==> flow/design.v <==
module switch_rtl #(
   parameter XLEN = 24,
   parameter NUM = 20
) (
   input  core_clk,
   input  reset,
   input  [NUM*XLEN-1:0] bus_in,
   input  [NUM-1:0] idx_in,
   output [XLEN-1:0] o_out
);
   reg [NUM*XLEN-1:0] bus_q;
   reg [NUM-1:0] idx_q;
   reg [XLEN-1:0] tmp;
   integer k;
   always @* begin
      tmp = 0;
      for (k = 0; k < NUM; k = k + 1)
         tmp = tmp | (bus_q[k*XLEN +: XLEN] & {XLEN{idx_q[k]}});
   end
   assign o_out = tmp;
   always @(posedge core_clk) begin
      if (reset) begin
         bus_q <= 0;
         idx_q <= 0;
      end else begin
         bus_q <= bus_in;
         idx_q <= idx_in;
      end
   end
endmodule
Reports on switch_rtl
What the tools print for switch_rtl, step after step.
Lines are those of the file above, counted from 1.
Cell names lack the library's common part.
A cell with n/a has no value.

design
  top = switch_rtl
  clock input = core_clk
  library = sky130hd
  corner = tt_025C_1v80

Elaborated design
Source: Yosys, flattened and elaborated, memories not mapped. Widths are those after wreduce; folded enables and synchronous resets count as part of the registers. Registers that Yosys merges into a memory's read port (data or address) are not register bits. Print and check cells do not count. Equal cells are merged and count once.

storage and ports
  register bits after elaboration = 500
  input port bits = 502
  output and inout bits = 24
  word-level cells = 41

cells by class
  bitwise operators = 39

operators by type and width
  kind                number
  bitwise AND 24 bit  20
  OR 24 bit           19

Depth
Longest topological path by Yosys (ltp), each cell counted once; first at word level (registers and memories cut), then after technology mapping (sequential cells cut; the memories' decode and read muxes count).

logic depth
  depth after elaboration = 20
  ABC_AREA = 0
  depth in mapped cells = 5
  depth with buffers taken out = 4

Mapped cells and area
The flow's flattened synthesis, as Yosys stat reports it; memories are mapped. The netlist is that of the ABC_AREA named above (0 if unset); the other value can give another one.

cells by type
  cell      number  total area (um2)
  dfxtp_1   500     10009.6
  nor2b_1   500     3128
  a22o_1    93      814.531
  a221oi_1  69      604.33
  a221oi_2  27      405.389
  a22oi_1   48      360.346
  clkbuf_1  58      217.709
  and3_1    24      150.144
  nand4_1   24      150.144
  buf_6     13      146.39
  buf_2     24      120.115
  a22o_2    3       30.029
  buf_4     1       7.507

synthesis totals
  mapped cells = 1384
  cell area after synthesis = 16144.2 um2
  mapped flip-flops = 500

Timing after synthesis
Path of least setup slack by OpenSTA after synthesis, without wires, with an ideal clock, recovery checks aside; 20% of the period is set as input and as output delay. Where synthesis merged equal registers, the netlist keeps one of their names.

path after synthesis
  path kind = reg2out
  start = register idx_q[3]
  end = output port o_out[0]
  period = 1820 ps
  output delay = 364 ps
  arrival = 1168 ps
  data required time = 1456 ps
  slack = 288 ps
  delay of the path = 1168 ps
  stages = 6
  synthesis period reached = 1532 ps

"delay of the path" is the arrival time less input delay plus setup time.
A path that ends at an output port has no setup time.
"stages": output pins that drive a net of the path, with the launching flip-flop's if there is one; two outputs of one cell count as two.
"synthesis period reached" is the clock period less the worst setup slack; recovery checks do not enter. This is arithmetic on one report: input and output delays are still those of the set period (20% each).
The rows between start and end are the longest chain of elaborated cells between them; the timing report does not say that the signal goes this way. Where chains are equally long, one stands for them.
Each line given opens the expression or statement behind the cell; cells for indexed reads and writes are added by Yosys, which also makes memories of some case tables.

between the ends, after synthesis
  path through = dfxtp_1 buf_6 a22o_1 a221oi_1 and3_1 nand4_1
  length of the longest elaborated chain = 18
  elaborated cells on any way between the ends = 18
  those cells by class = 18 x logic

RTL lines, path after synthesis
  item                     line  text
  start: declaration       12    reg [NUM-1:0] idx_q;
  start: assignment        24    idx_q <= 0;
  start: assignment        27    idx_q <= idx_in;
  bitwise AND 24 bit       18    tmp = tmp | (bus_q[k*XLEN +: XLEN] & {XLEN{idx_q[k]}});
  OR 24 bit (17 in a row)  18
  end: declaration         9     output [XLEN-1:0] o_out

Path in the finished layout
Path of least setup slack in the final report of run 1 (OpenROAD, finished layout, wires in). Where an end is a register, its clock arrival counts in the times.
The path's times are printed in steps of 10 ps; the period is the one set.

path after layout
  path kind = reg2out
  start = register idx_q[6]
  end = output port o_out[20]
  period = 1820 ps
  output delay = 360 ps
  arrival = 2210 ps
  data required time = 1460 ps
  slack = -760 ps
  stages = 8

The rows between start and end are the longest chain of elaborated cells between them; the timing report does not say that the signal goes this way. Where chains are equally long, one stands for them.

between the ends, after layout
  path through = dfxtp_2 buf_12 buf_4 a22o_1 a221oi_2 and3_4 nand4_1 buf_2
  length of the longest elaborated chain = 15
  elaborated cells on any way between the ends = 15
  those cells by class = 15 x logic

RTL lines, path after layout
  item                     line  text
  start: declaration       12    reg [NUM-1:0] idx_q;
  start: assignment        24    idx_q <= 0;
  start: assignment        27    idx_q <= idx_in;
  bitwise AND 24 bit       18    tmp = tmp | (bus_q[k*XLEN +: XLEN] & {XLEN{idx_q[k]}});
  OR 24 bit (14 in a row)  18
  end: declaration         9     output [XLEN-1:0] o_out

3 stored runs of switch_rtl in the flow (synthesis by Yosys, layout by OpenROAD, sky130hd cells), in arbitrary order. Constraints: input delay and output delay 20% of the set period each, output load 0.01 pF.
"period achieved" means the clock period less the worst setup slack. The figure is calculated, with input and output delays left at 20% of the set period.
Among the settings, . means not set for that run.
Results: . = not shown.

setting or result                       run 1    run 2    run 3
period_ns                               1.82     1.5      1.3
CAP_MARGIN                              20       35       20
CORE_MARGIN                             2        2        2
CORE_UTILIZATION                        40       25       69
SLEW_MARGIN                             20       20       20
CELL_PAD_IN_SITES_GLOBAL_PLACEMENT      .        3        .
GPL_ROUTABILITY_DRIVEN                  .        0        .
CTS_CLUSTER_SIZE                        .        76       72
SETUP_SLACK_MARGIN                      .        .        0.38
PLACE_DENSITY_LB_ADDON                  .        .        0.06
CELL_PAD_IN_SITES_DETAIL_PLACEMENT      .        .        0
TNS_END_PERCENT                         .        .        35
GPL_TIMING_DRIVEN                       .        .        0
MAX_ROUTING_LAYER                       .        .        met5
period achieved (ps)                    2575     2586     .
cell area after synthesis (um2)         16144.2  16144.2  .
setup slack of the worst path (ps)      -755     -1086    .
area of the die (um2)                   41984.0  66625.9  .
standard-cell area after routing (um2)  24961.4  25911.1  .
utilization after layout                0.627    0.404    .
setup total negative slack (ps)         -16068   -24101   .

Run 3: no results, placement failed with FLW-0024
